==> flow/design.v <==
module u_storage (i_clk, nrst, valid, i_load, i_wr_addr, i_wr_data, i_rd_idx_a, i_rd_idx_b, o_dout_a, o_dout_b);
    parameter NUM_REGS = 96;
    parameter BITS = 10;
    localparam AWIDTH = $clog2(NUM_REGS);
    input i_clk;
    input nrst;
    input valid;
    input i_load;
    input [AWIDTH-1:0] i_wr_addr;
    input [BITS-1:0] i_wr_data;
    input [AWIDTH-1:0] i_rd_idx_a;
    input [AWIDTH-1:0] i_rd_idx_b;
    output [BITS-1:0] o_dout_a;
    output [BITS-1:0] o_dout_b;
    reg [BITS-1:0] ram [0:NUM_REGS-1];
    always @(posedge i_clk) begin
        if (valid && i_load && i_wr_addr != 0)
            ram[i_wr_addr] <= i_wr_data;
    end
    reg [BITS-1:0] dout_a_ff;
    assign o_dout_a = dout_a_ff;
    reg [BITS-1:0] dout_b_ff;
    assign o_dout_b = dout_b_ff;
    always @(posedge i_clk or negedge nrst) begin
        if (~nrst) begin
            dout_a_ff <= 0;
            dout_b_ff <= 0;
        end else if (valid) begin
            dout_a_ff <= (i_rd_idx_a == 0) ? {BITS{1'b0}} : ram[i_rd_idx_a];
            dout_b_ff <= (i_rd_idx_b == 0) ? {BITS{1'b0}} : ram[i_rd_idx_b];
        end
    end
endmodule
Reports on u_storage
What the tools print for u_storage, step after step.
Lines are those of the file above, counted from 1.
Cell names lack the library's common part.
{"block": "inputs", "top_module": "u_storage", "clock": "i_clk", "library": "sky130hd", "pvt_corner": "tt_025C_1v80"}

Word level
Source: Yosys, flattened and elaborated, memories not mapped. Widths are those after wreduce; folded enables and synchronous resets count as part of the registers. Registers that Yosys merges into a memory's read port (data or address) are not register bits. Print and check cells do not count. Equal cells are merged and count once.
Yosys's memory passes give these memory sizes; they may raise the number of words (mostly to a power of two), join words into wider ones and drop unused or constant bits.
{"block": "classes", "n_mux": 5, "reduce_and_logical": 5}
{"block": "ops", "cell": "2-to-1 mux 10 bit", "n": 3}
{"block": "ops", "cell": "zero test 7 bit", "n": 2}
{"block": "ops", "cell": "nonzero test 7 bit", "n": 1}
{"block": "ops", "cell": "2-to-1 mux 7 bit", "n": 1}
{"block": "ops", "cell": "logical AND 1 bit", "n": 2}
{"block": "ops", "cell": "2-to-1 mux 1 bit", "n": 1}
{"block": "word_totals", "regBits": 20, "ramBits": 960, "mem_count": 1, "input_bits": 35, "out_inout_bits": 20, "elab_cells": 13}
{"block": "memory_table", "memory": "ram", "words": 96, "word_bits": 10, "read_ports": 2, "write_ports": 1, "line": 15, "source": "reg [BITS-1:0] ram [0:NUM_REGS-1];"}

Logic depth
Longest topological path by Yosys (ltp), each cell counted once; first at word level (registers and memories cut), then after technology mapping (sequential cells cut; the memories' decode and read muxes count).
{"block": "depth", "depth_word": 3, "ABC_AREA": 0, "ltp_mapped": 12, "depth_no_buf": 6}

Mapped cells and area
The flow's flattened synthesis, as Yosys stat reports it; memories are mapped. The netlist is that of the ABC_AREA named above (0 if unset); the other value can give another one.
The area totals of this step are shown rounded.
{"block": "types", "type": "edfxtp_1", "n": 960, "area_total_um2": 2.88E+04}
{"block": "types", "type": "mux4_2", "n": 334, "area_total_um2": 7.52E+03}
{"block": "types", "type": "mux2i_1", "n": 349, "area_total_um2": 3493.35}
{"block": "types", "type": "a22oi_1", "n": 79, "area_total_um2": 593.069}
{"block": "types", "type": "nor2_1", "n": 134, "area_total_um2": 502.982}
{"block": "types", "type": "dfrtp_1", "n": 20, "area_total_um2": 500.48}
{"block": "types", "type": "nand2_1", "n": 118, "area_total_um2": 442.925}
{"block": "types", "type": "buf_4", "n": 57, "area_total_um2": 427.91}
{"block": "types", "type": "o22ai_1", "n": 68, "area_total_um2": 425.408}
{"block": "types", "type": "buf_2", "n": 60, "area_total_um2": 300.288}
{"block": "types", "type": "mux2_2", "n": 24, "area_total_um2": 270.259}
{"block": "types", "type": "clkbuf_1", "n": 60, "area_total_um2": 225.216}
{"block": "types", "type": "nand3_1", "n": 43, "area_total_um2": 215.206}
{"block": "types", "type": "o221ai_1", "n": 20, "area_total_um2": 175.168}
{"block": "types", "type": "o21ai_0", "n": 32, "area_total_um2": 160.154}
{"block": "types", "type": "nor2b_1", "n": 25, "area_total_um2": 156.4}
{"block": "types", "type": "a211oi_1", "n": 18, "area_total_um2": 135.13}
{"block": "types", "type": "a21oi_1", "n": 24, "area_total_um2": 120.115}
Not listed: further types 50, cells in them 221.
{"block": "synth_totals", "stdcells": 2646, "yosys_area_um2": 46200, "seq_area_um2": 29300, "ff_cells": 980, "buffers": 196}

Worst setup path after synthesis
Source: OpenSTA report_checks on the synthesized netlist (no wires, ideal clock, input and output delay 20% of the period each), path of least setup slack; recovery checks are left aside. Register names are those of the netlist, which keeps one name where synthesis merged equal registers.
{"block": "synth_path", "path_type": "input-to-reg", "from": "input i_rd_idx_a[0]", "to": "register dout_a_ff[3]", "tclk_ps": 3010, "in_delay_ps": 602, "setup_time_ps": 143, "t_first_pin_ps": 602, "arrival_ps": 2388, "t_required_ps": 2867, "slack_ps": 479, "delay_ps": 1929, "driving_pins": 9, "n_path_buf": 4, "synth_period_reached_ps": 2531}
"delay_ps" = arrival - input delay + setup time.
"driving_pins" counts driving pins, that of a launching flip-flop among them; a cell with two outputs on the path counts twice.
"synth_period_reached_ps" is the clock period less the worst setup slack; recovery checks do not enter. This is arithmetic on one report: input and output delays are still those of the set period (20% each).
The rows between start and end are the longest chain of elaborated cells between them; the timing report does not say that the signal goes this way. Where chains are equally long, one stands for them.
A line is the first line of the expression or statement that the cell stems from. Yosys adds cells for indexed reads and writes and turns some case tables into memories.
The chain passes a memory read, where the word-level depth is cut; so it can be longer than that depth.
{"block": "synth_between", "path_cell_list": "buf_4 -> buf_4 -> buf_2 -> buf_4 -> mux4_2 -> mux2i_1 -> o221ai_1 -> a22oi_1 -> o21ai_0", "elab_chain_cells": 2, "cone_cells": 3, "lines_between": 2, "classes_between": "mux (1); reduce/logical (1); memory (1)"}
{"block": "synth_rtl", "item": "start, declared", "line": 11, "source": "input [AWIDTH-1:0] i_rd_idx_a;"}
{"block": "synth_rtl", "item": "memory read (96 x 10 bit)", "line": 15, "source": "reg [BITS-1:0] ram [0:NUM_REGS-1];"}
{"block": "synth_rtl", "item": "2-to-1 mux 10 bit", "line": 29, "source": "dout_a_ff <= (i_rd_idx_a == 0) ? {BITS{1'b0}} : ram[i_rd_idx_a];"}
{"block": "synth_rtl", "item": "end, assigned", "line": 26, "source": "dout_a_ff <= 0;"}
{"block": "synth_rtl", "item": "end, assigned", "line": 29}
{"block": "synth_rtl", "item": "end, declared", "line": 20, "source": "reg [BITS-1:0] dout_a_ff;"}

Path in the finished layout
Path of least setup slack in the final report of job 1 (OpenROAD, finished layout, wires in). Where an end is a register, its clock arrival counts in the times.
The report prints the path's times to 10 ps; the period is as set.
{"block": "layout_path", "path_type": "input-to-reg", "from": "input i_rd_idx_a[6]", "to": "register dout_a_ff[1]", "tclk_ps": 3010, "in_delay_ps": 600, "setup_time_ps": 150, "t_first_pin_ps": 600, "arrival_ps": 3540, "t_required_ps": 3570, "slack_ps": 30, "driving_pins": 7, "n_path_buf": 1}
The rows between start and end are the longest chain of elaborated cells between them; the timing report does not say that the signal goes this way. Where chains are equally long, one stands for them.
The chain passes a memory read, where the word-level depth is cut; so it can be longer than that depth.
{"block": "layout_between", "path_cell_list": "clkdlybuf4s50_1 -> or2_2 -> o41ai_4 -> or2_1 -> nor2_1 -> o31ai_2 -> nand3_1", "elab_chain_cells": 2, "cone_cells": 3, "lines_between": 2, "classes_between": "mux (1); reduce/logical (1); memory (1)"}
{"block": "layout_rtl", "item": "start, declared", "line": 11, "source": "input [AWIDTH-1:0] i_rd_idx_a;"}
{"block": "layout_rtl", "item": "memory read (96 x 10 bit)", "line": 15, "source": "reg [BITS-1:0] ram [0:NUM_REGS-1];"}
{"block": "layout_rtl", "item": "2-to-1 mux 10 bit", "line": 29, "source": "dout_a_ff <= (i_rd_idx_a == 0) ? {BITS{1'b0}} : ram[i_rd_idx_a];"}
{"block": "layout_rtl", "item": "end, assigned", "line": 26, "source": "dout_a_ff <= 0;"}
{"block": "layout_rtl", "item": "end, assigned", "line": 29}
{"block": "layout_rtl", "item": "end, declared", "line": 20, "source": "reg [BITS-1:0] dout_a_ff;"}

Lab notebook: u_storage

Settings and measured results of 3 stored flow runs for module u_storage (sky130hd), not sorted in any way. The constraints put input and output delay at 20% of the set period each and load the outputs with 0.01 pF.
"achieved_period_ps" means the clock period less the worst setup slack. The figure is calculated, with input and output delays left at 20% of the set period.
"final_power_uw" rests on the timing tool's default activity at the inputs, not on a simulated workload.
Measured values are rounded.

Job 1
==> flow/run.sh <==
#!/bin/bash
# the make line also repeats the synthesis and layout settings of config.mk as NAME=value (left out here)
make -C /OpenROAD-flow-scripts/flow DESIGN_CONFIG=/design/flow/config.mk WORK_HOME=/design/flow/orfs CLKGATE_MAP_FILE= finish
==> flow/config.mk <==
export PLATFORM = sky130hd
export DESIGN_NAME = u_storage
export DESIGN_NICKNAME = u_storage
export VERILOG_FILES = /design/flow/design.v
export SDC_FILE = /design/flow/constraint.sdc
export NUM_CORES = 4
export LEC_CHECK = 0
export CAP_MARGIN = 20
export CORE_MARGIN = 2
export CORE_UTILIZATION = 40
export SLEW_MARGIN = 20
==> flow/constraint.sdc <==
create_clock -name core_clock -period 3.01 [get_ports {i_clk}]
set_input_delay 0.6020 -clock core_clock [delete_from_list [all_inputs] [get_ports {i_clk}]]
set_output_delay 0.6020 -clock core_clock [all_outputs]
set_load 0.01 [all_outputs]

==> results of job 1, as JSON <==
{
  "final_power_uw": 31700,
  "fin_util_pct": 48.9,
  "die_um2": 118000,
  "achieved_period_ps": 2981,
  "ys_area_um2": 46200,
  "final_setup_tns_ps": 0,
  "final_cell_area_um2": 56000,
  "worst_setup_slack_ps": 29
}

Job 2
==> flow/run.sh <==
#!/bin/bash
# the make line also repeats the synthesis and layout settings of config.mk as NAME=value (left out here)
make -C /OpenROAD-flow-scripts/flow DESIGN_CONFIG=/design/flow/config.mk WORK_HOME=/design/flow/orfs CLKGATE_MAP_FILE= finish
==> flow/config.mk <==
export PLATFORM = sky130hd
export DESIGN_NAME = u_storage
export DESIGN_NICKNAME = u_storage
export VERILOG_FILES = /design/flow/design.v
export SDC_FILE = /design/flow/constraint.sdc
export NUM_CORES = 4
export LEC_CHECK = 0
export ABC_AREA = 1
export CAP_MARGIN = 25
export CELL_PAD_IN_SITES_DETAIL_PLACEMENT = 1
export CELL_PAD_IN_SITES_GLOBAL_PLACEMENT = 2
export CORE_MARGIN = 2
export CORE_UTILIZATION = 46
export GPL_ROUTABILITY_DRIVEN = 1
export MAX_ROUTING_LAYER = met4
export PLACE_DENSITY_LB_ADDON = 0.13
export SLEW_MARGIN = 20
export TNS_END_PERCENT = 70
==> flow/constraint.sdc <==
create_clock -name core_clock -period 2.48 [get_ports {i_clk}]
set_input_delay 0.4960 -clock core_clock [delete_from_list [all_inputs] [get_ports {i_clk}]]
set_output_delay 0.4960 -clock core_clock [all_outputs]
set_load 0.01 [all_outputs]

==> results of job 2, as JSON <==
{
  "final_power_uw": 39700,
  "fin_util_pct": 54.4,
  "die_um2": 114000,
  "achieved_period_ps": 2219,
  "ys_area_um2": 51300,
  "final_setup_tns_ps": 0,
  "final_cell_area_um2": 60200,
  "worst_setup_slack_ps": 261
}

Job 3
==> flow/run.sh <==
#!/bin/bash
# the make line also repeats the synthesis and layout settings of config.mk as NAME=value (left out here)
make -C /OpenROAD-flow-scripts/flow DESIGN_CONFIG=/design/flow/config.mk WORK_HOME=/design/flow/orfs CLKGATE_MAP_FILE= finish
==> flow/config.mk <==
export PLATFORM = sky130hd
export DESIGN_NAME = u_storage
export DESIGN_NICKNAME = u_storage
export VERILOG_FILES = /design/flow/design.v
export SDC_FILE = /design/flow/constraint.sdc
export NUM_CORES = 4
export LEC_CHECK = 0
export CAP_MARGIN = 20
export CELL_PAD_IN_SITES_GLOBAL_PLACEMENT = 2
export CORE_ASPECT_RATIO = 0.81
export CORE_MARGIN = 7
export CORE_UTILIZATION = 22
export PLACE_DENSITY = 0.43
export SETUP_SLACK_MARGIN = -0.25
export SLEW_MARGIN = 20
export TNS_END_PERCENT = 25
==> flow/constraint.sdc <==
create_clock -name core_clock -period 3.7 [get_ports {i_clk}]
set_input_delay 0.7400 -clock core_clock [delete_from_list [all_inputs] [get_ports {i_clk}]]
set_output_delay 0.7400 -clock core_clock [all_outputs]
set_load 0.01 [all_outputs]

==> results of job 3, as JSON <==
{
  "final_power_uw": 27000,
  "fin_util_pct": 26.9,
  "die_um2": 223000,
  "achieved_period_ps": 3121,
  "ys_area_um2": 46200,
  "final_setup_tns_ps": 0,
  "final_cell_area_um2": 56200,
  "worst_setup_slack_ps": 579
}
